==> flow/design.v <==
module core_switch #(
    parameter int WD = 2
) (
    input  logic ck,
    input  logic valid,
    input  logic [WD-1:0] in_ch0,
    input  logic [WD-1:0] in_ch1,
    input  logic [WD-1:0] in_ch2,
    input  logic [WD-1:0] in_ch3,
    input  logic [1:0] in_select,
    output logic [WD-1:0] out_dout
);
    logic [WD-1:0] ch0_s;
    logic [WD-1:0] ch1_s;
    logic [WD-1:0] ch2_s;
    logic [WD-1:0] ch3_s;
    logic [1:0] select_s;
    always_ff @(posedge ck) begin
        if (valid) begin
            ch0_s <= in_ch0;
            ch1_s <= in_ch1;
            ch2_s <= in_ch2;
            ch3_s <= in_ch3;
            select_s <= in_select;
        end
    end
    logic [WD-1:0] r;
    always_comb begin
        case (select_s)
            2'd0: r = ch0_s;
            2'd1: r = ch1_s;
            2'd2: r = ch2_s;
            default: r = ch3_s;
        endcase
    end
    always_ff @(posedge ck) begin
        if (valid) begin
            out_dout <= r;
        end
    end
endmodule
Ticket comment

Tool chain data of core_switch

Tool output for the members of one design family, told apart by "inputs", in the order of the flow.
The file above is the member inputs = 4. Line numbers count from 1 in each member's own file.
Operators carry their Yosys type and port widths (W data, S select, Z words).
The mark -- stands for no value.

Design top: core_switch
Clock input: ck
Standard-cell library: sky130hd
Timing corner: tt_025C_1v80

Source of the members

Lines of each other member's file that are new or changed against the file above; lines that a member lacks are not shown.

Lines new or changed:

| inputs | RTL line | RTL |
| 6      | 10       | `input logic [WD-1:0] in_ch4,` |
| 6      | 11       | `input logic [WD-1:0] in_ch5,` |
| 6      | 12       | `input logic [2:0] in_select,` |
| 6      | 19       | `logic [WD-1:0] ch4_s;` |
| 6      | 20       | `logic [WD-1:0] ch5_s;` |
| 6      | 21       | `logic [2:0] select_s;` |
| 6      | 28       | `ch4_s <= in_ch4;` |
| 6      | 29       | `ch5_s <= in_ch5;` |
| 6      | 36       | `3'd0: r = ch0_s;` |
| 6      | 37       | `3'd1: r = ch1_s;` |
| 6      | 38       | `3'd2: r = ch2_s;` |
| 6      | 39       | `3'd3: r = ch3_s;` |
| 6      | 40       | `3'd4: r = ch4_s;` |
| 6      | 41       | `default: r = ch5_s;` |
| 8      | 10       | `input logic [WD-1:0] in_ch4,` |
| 8      | 11       | `input logic [WD-1:0] in_ch5,` |
| 8      | 12       | `input logic [WD-1:0] in_ch6,` |
| 8      | 13       | `input logic [WD-1:0] in_ch7,` |
| 8      | 14       | `input logic [2:0] in_select,` |
| 8      | 21       | `logic [WD-1:0] ch4_s;` |
| 8      | 22       | `logic [WD-1:0] ch5_s;` |
| 8      | 23       | `logic [WD-1:0] ch6_s;` |
| 8      | 24       | `logic [WD-1:0] ch7_s;` |
| 8      | 25       | `logic [2:0] select_s;` |
| 8      | 32       | `ch4_s <= in_ch4;` |
| 8      | 33       | `ch5_s <= in_ch5;` |
| 8      | 34       | `ch6_s <= in_ch6;` |
| 8      | 35       | `ch7_s <= in_ch7;` |
| 8      | 42       | `3'd0: r = ch0_s;` |
| 8      | 43       | `3'd1: r = ch1_s;` |
| 8      | 44       | `3'd2: r = ch2_s;` |
| 8      | 45       | `3'd3: r = ch3_s;` |
| 8      | 46       | `3'd4: r = ch4_s;` |
| 8      | 47       | `3'd5: r = ch5_s;` |
| 8      | 48       | `3'd6: r = ch6_s;` |
| 8      | 49       | `default: r = ch7_s;` |
| 10     | 10       | `input logic [WD-1:0] in_ch4,` |
| 10     | 11       | `input logic [WD-1:0] in_ch5,` |
| 10     | 12       | `input logic [WD-1:0] in_ch6,` |
| 10     | 13       | `input logic [WD-1:0] in_ch7,` |
| 10     | 14       | `input logic [WD-1:0] in_ch8,` |
| 10     | 15       | `input logic [WD-1:0] in_ch9,` |
| 10     | 16       | `input logic [3:0] in_select,` |
| 10     | 23       | `logic [WD-1:0] ch4_s;` |
| 10     | 24       | `logic [WD-1:0] ch5_s;` |
| 10     | 25       | `logic [WD-1:0] ch6_s;` |
| 10     | 26       | `logic [WD-1:0] ch7_s;` |
| 10     | 27       | `logic [WD-1:0] ch8_s;` |
| 10     | 28       | `logic [WD-1:0] ch9_s;` |
| 10     | 29       | `logic [3:0] select_s;` |
| 10     | 36       | `ch4_s <= in_ch4;` |
| 10     | 37       | `ch5_s <= in_ch5;` |
| 10     | 38       | `ch6_s <= in_ch6;` |
| 10     | 39       | `ch7_s <= in_ch7;` |
| 10     | 40       | `ch8_s <= in_ch8;` |
| 10     | 41       | `ch9_s <= in_ch9;` |
| 10     | 48       | `4'd0: r = ch0_s;` |
| 10     | 49       | `4'd1: r = ch1_s;` |
| 10     | 50       | `4'd2: r = ch2_s;` |
| 10     | 51       | `4'd3: r = ch3_s;` |
| 10     | 52       | `4'd4: r = ch4_s;` |
| 10     | 53       | `4'd5: r = ch5_s;` |
| 10     | 54       | `4'd6: r = ch6_s;` |
| 10     | 55       | `4'd7: r = ch7_s;` |
| 10     | 56       | `4'd8: r = ch8_s;` |
| 10     | 57       | `default: r = ch9_s;` |

Word level

Source: Yosys, flattened and elaborated, memories not mapped. Widths are those after wreduce; folded enables and synchronous resets count as part of the registers. Registers that Yosys merges into a memory's read port (data or address) are not register bits. Print and check cells do not count. Equal cells are merged and count once.

Word-level totals:

| inputs | register bits after elaboration | input port bits | output and inout bits | cells after elaboration |
| 4      | 12                              | 12              | 2                     | 10 |
| 6      | 17                              | 17              | 2                     | 14 |
| 8      | 21                              | 21              | 2                     | 18 |
| 10     | 26                              | 26              | 2                     | 22 |

Operators by class:

| inputs | eq/ne operators | muxes and demuxes | reductions and logical operators |
| 4      | 2               | 1                 | 1 |
| 6      | 4               | 1                 | 1 |
| 8      | 6               | 1                 | 1 |
| 10     | 8               | 1                 | 1 |

Operators with widths:

| inputs | kind and count |
| 4      | $pmux W2 S3 (1); $eq A2 B1 Y1 const B (1); $eq A2 B2 Y1 const B (1); $logic_not A2 Y1 (1) |
| 6      | $pmux W2 S5 (1); $eq A3 B2 Y1 const B (2); $eq A3 B1 Y1 const B (1); $eq A3 B3 Y1 const B (1); $logic_not A3 Y1 (1) |
| 8      | $pmux W2 S7 (1); $eq A3 B3 Y1 const B (3); $eq A3 B2 Y1 const B (2); $eq A3 B1 Y1 const B (1); $logic_not A3 Y1 (1) |
| 10     | $pmux W2 S9 (1); $eq A4 B3 Y1 const B (4); $eq A4 B2 Y1 const B (2); $eq A4 B1 Y1 const B (1); $eq A4 B4 Y1 const B (1); $logic_not A4 Y1 (1) |

Longest topological paths

Yosys ltp: most cells in a row. Word level: on the elaborated netlist, between registers, memories and ports. Mapped: between sequential cells and ports; inverters and the memories' decode and read muxes count.

Logic depth:

| inputs | depth after elaboration | ABC_AREA | mapped depth | gate-level depth less buffers |
| 4      | 2                       | 0        | 1            | 1 |
| 6      | 2                       | 0        | 4            | 3 |
| 8      | 2                       | 0        | 4            | 3 |
| 10     | 2                       | 0        | 6            | 5 |

After synthesis

Source: synth_stat.txt of the flow (Yosys; design flattened, memories mapped). It holds for the ABC_AREA given above (unset counts as 0); a run with the other value may have another netlist.
Totals and module areas in this step are rounded.

Cell types:

| inputs | type and count |
| 4      | sky130_fd_sc_hd__edfxtp_1 (12); sky130_fd_sc_hd__mux4_1 (2) |
| 6      | sky130_fd_sc_hd__edfxtp_1 (17); sky130_fd_sc_hd__mux2i_1 (4); sky130_fd_sc_hd__nor2_8 (1); sky130_fd_sc_hd__a221oi_1 (2); sky130_fd_sc_hd__and2b_2 (2); sky130_fd_sc_hd__a211oi_1 (2); sky130_fd_sc_hd__buf_6 (1); sky130_fd_sc_hd__nand2b_1 (1); sky130_fd_sc_hd__nor2_1 (1) |
| 8      | sky130_fd_sc_hd__edfxtp_1 (21); sky130_fd_sc_hd__mux4_1 (1); sky130_fd_sc_hd__mux4_2 (1); sky130_fd_sc_hd__and4bb_2 (1); sky130_fd_sc_hd__buf_6 (1); sky130_fd_sc_hd__mux2_2 (1); sky130_fd_sc_hd__and4_2 (1); sky130_fd_sc_hd__a2111oi_0 (1); sky130_fd_sc_hd__a211o_1 (1); sky130_fd_sc_hd__a211oi_1 (1); sky130_fd_sc_hd__o21a_1 (1); sky130_fd_sc_hd__o21bai_1 (1); sky130_fd_sc_hd__nand2b_1 (1); sky130_fd_sc_hd__nor2b_1 (1); sky130_fd_sc_hd__o22ai_1 (1); sky130_fd_sc_hd__a21oi_1 (1); sky130_fd_sc_hd__buf_2 (1); sky130_fd_sc_hd__o21ai_0 (1); (+3) |
| 10     | sky130_fd_sc_hd__edfxtp_1 (26); sky130_fd_sc_hd__mux4_1 (1); sky130_fd_sc_hd__buf_6 (2); sky130_fd_sc_hd__mux4_2 (1); sky130_fd_sc_hd__mux2i_1 (2); sky130_fd_sc_hd__nand3b_1 (2); sky130_fd_sc_hd__nor3b_1 (2); sky130_fd_sc_hd__nor2b_4 (1); sky130_fd_sc_hd__a211oi_2 (1); sky130_fd_sc_hd__a21oi_1 (2); sky130_fd_sc_hd__a221o_1 (1); sky130_fd_sc_hd__buf_2 (2); sky130_fd_sc_hd__nor3_1 (2); sky130_fd_sc_hd__o21ai_0 (2); sky130_fd_sc_hd__and3b_1 (1); sky130_fd_sc_hd__nor4b_1 (1); sky130_fd_sc_hd__nand2_1 (2); sky130_fd_sc_hd__a31oi_1 (1); (+3) |

The mark (+n) counts cells that are not listed.

Mapped netlist:

| inputs | mapped cells | mapped area (mm²) | area of sequential cells (mm²) | mapped flip-flops |
| 4      | 14           | 0.000413          | 0.00036                        | 12 |
| 6      | 31           | 0.000642          | 0.00051                        | 17 |
| 8      | 41           | 0.00081           | 0.000631                       | 21 |
| 10     | 55           | 0.00103           | 0.000781                       | 26 |

Timing after synthesis

Path of least setup slack by OpenSTA after synthesis, without wires, with an ideal clock, recovery checks aside; 20% of the period is set as input and as output delay. Where synthesis merged equal registers, the netlist keeps one of their names.

Path post-synthesis:

| inputs | path kind            | from            | to              | period (ns) | path slack (ns) | stages | path delay (ns) | synthesis period reached (ns) |
| 4      | register -> register | reg select_s[0] | reg out_dout[0] | 1.43        | 0.286           | 2      | 1.144           | 1.144 |
| 6      | register -> register | reg select_s[0] | reg out_dout[0] | 1.43        | 0.287           | 5      | 1.143           | 1.143 |
| 8      | register -> register | reg select_s[0] | reg out_dout[0] | 1.99        | 0.400           | 5      | 1.590           | 1.59 |
| 10     | register -> register | reg select_s[1] | reg out_dout[0] | 1.92        | 0.388           | 6      | 1.532           | 1.532 |

"path delay" is the arrival time less input delay plus setup time.
"stages" counts driving pins, that of a launching flip-flop among them; a cell with two outputs on the path counts twice.
"synthesis period reached" = period - worst setup slack (recovery checks aside). The figure is calculated, with input and output delays left at 20% of the set period.
Between the ends stands the longest chain of elaborated cells between them, by number of cells; it is not shown to be the way that was timed. Of several equally long chains one is given.
Each line given opens the expression or statement behind the cell; cells for indexed reads and writes are added by Yosys, which also makes memories of some case tables.

Between the ends, post-synthesis, inputs = 4:
Cells in the longest elaborated chain: 2

RTL lines, path post-synthesis, inputs = 4:

| item            | RTL line | RTL |
| start, declared | 17       | `logic [1:0] select_s;` |
| start, assigned | 24       | `select_s <= in_select;` |
| $eq A2 B2 Y1    | 29       | `case (select_s)` |
| $pmux W2 S3     | 29       |  |
| end, assigned   | 38       | `out_dout <= r;` |
| end, declared   | 11       | `output logic [WD-1:0] out_dout` |

Between the ends, post-synthesis, inputs = 10:
Cells in the longest elaborated chain: 2

RTL lines, path post-synthesis, inputs = 10:

| item            | RTL line | RTL |
| start, declared | 29       | `logic [3:0] select_s;` |
| start, assigned | 42       | `select_s <= in_select;` |
| $eq A4 B4 Y1    | 47       | `case (select_s)` |
| $pmux W2 S9     | 47       |  |
| end, assigned   | 62       | `out_dout <= r;` |
| end, declared   | 17       | `output logic [WD-1:0] out_dout` |

Path in the finished layout

From the final timing report of each member's run: the path of least setup slack in the routed layout; clock arrival at registers is part of the times.

Path post-layout:

| inputs | path kind            | from            | to              | period (ns) | path slack (ns) | stages | data arrival time (ns) | path buffers |
| 4      | register -> register | reg select_s[0] | reg out_dout[1] | 1.43        | 0.23            | 2      | 1.20                   | 0 |
| 6      | register -> register | reg select_s[2] | reg out_dout[1] | 1.43        | 0.17            | 4      | 1.28                   | 0 |
| 8      | register -> register | reg select_s[0] | reg out_dout[0] | 1.99        | 0.27            | 4      | 1.79                   | 0 |
| 10     | register -> register | reg select_s[1] | reg out_dout[0] | 1.92        | 0.13            | 5      | 1.85                   | 0 |

Flow runs

One run of the flow (Yosys, OpenROAD) for each member, with settings and measured results. Input and output delays are each 20% of the period that was set; the output load is 0.01 pF.

CAP_MARGIN: 20
CORE_MARGIN: 2
CORE_UTILIZATION: 40
SLEW_MARGIN: 20

Settings that differ:

| inputs | period_ns |
| 4      | 1.43 |
| 6      | 1.43 |
| 8      | 1.99 |
| 10     | 1.92 |

Results:

| inputs | post-synthesis cell area (mm²) | area inside the die boundary (mm²) | standard-cell area after routing (mm²) | utilization of the finished layout | worst setup slack after layout (ns) | final setup TNS (ns) | worst hold slack in the final report (ns) | power consumption (µW) | clock period reached (ns) |
| 4      | 0.000413                       | 0.00131                            | 0.000598                               | 0.63                               | 0.229                               | 0.000                | 0.586                                     | 656                    | 1.201 |
| 6      | 0.000642                       | 0.00194                            | 0.000878                               | 0.583                              | 0.172                               | 0.000                | 0.550                                     | 974                    | 1.258 |
| 8      | 0.00081                        | 0.0024                             | 0.00108                                | 0.557                              | 0.269                               | 0.000                | 0.614                                     | 846                    | 1.721 |
| 10     | 0.00103                        | 0.00299                            | 0.00134                                | 0.544                              | 0.132                               | 0.000                | 0.614                                     | 1,050                  | 1.788 |

"clock period reached": clock period set for the run, less the worst setup slack. It is reckoned from that one timing run; input and output delays stay at 20% of the period that was set.
"power consumption": no workload was simulated; the value follows from the tool's default switching activity.
The measured numbers are rounded.
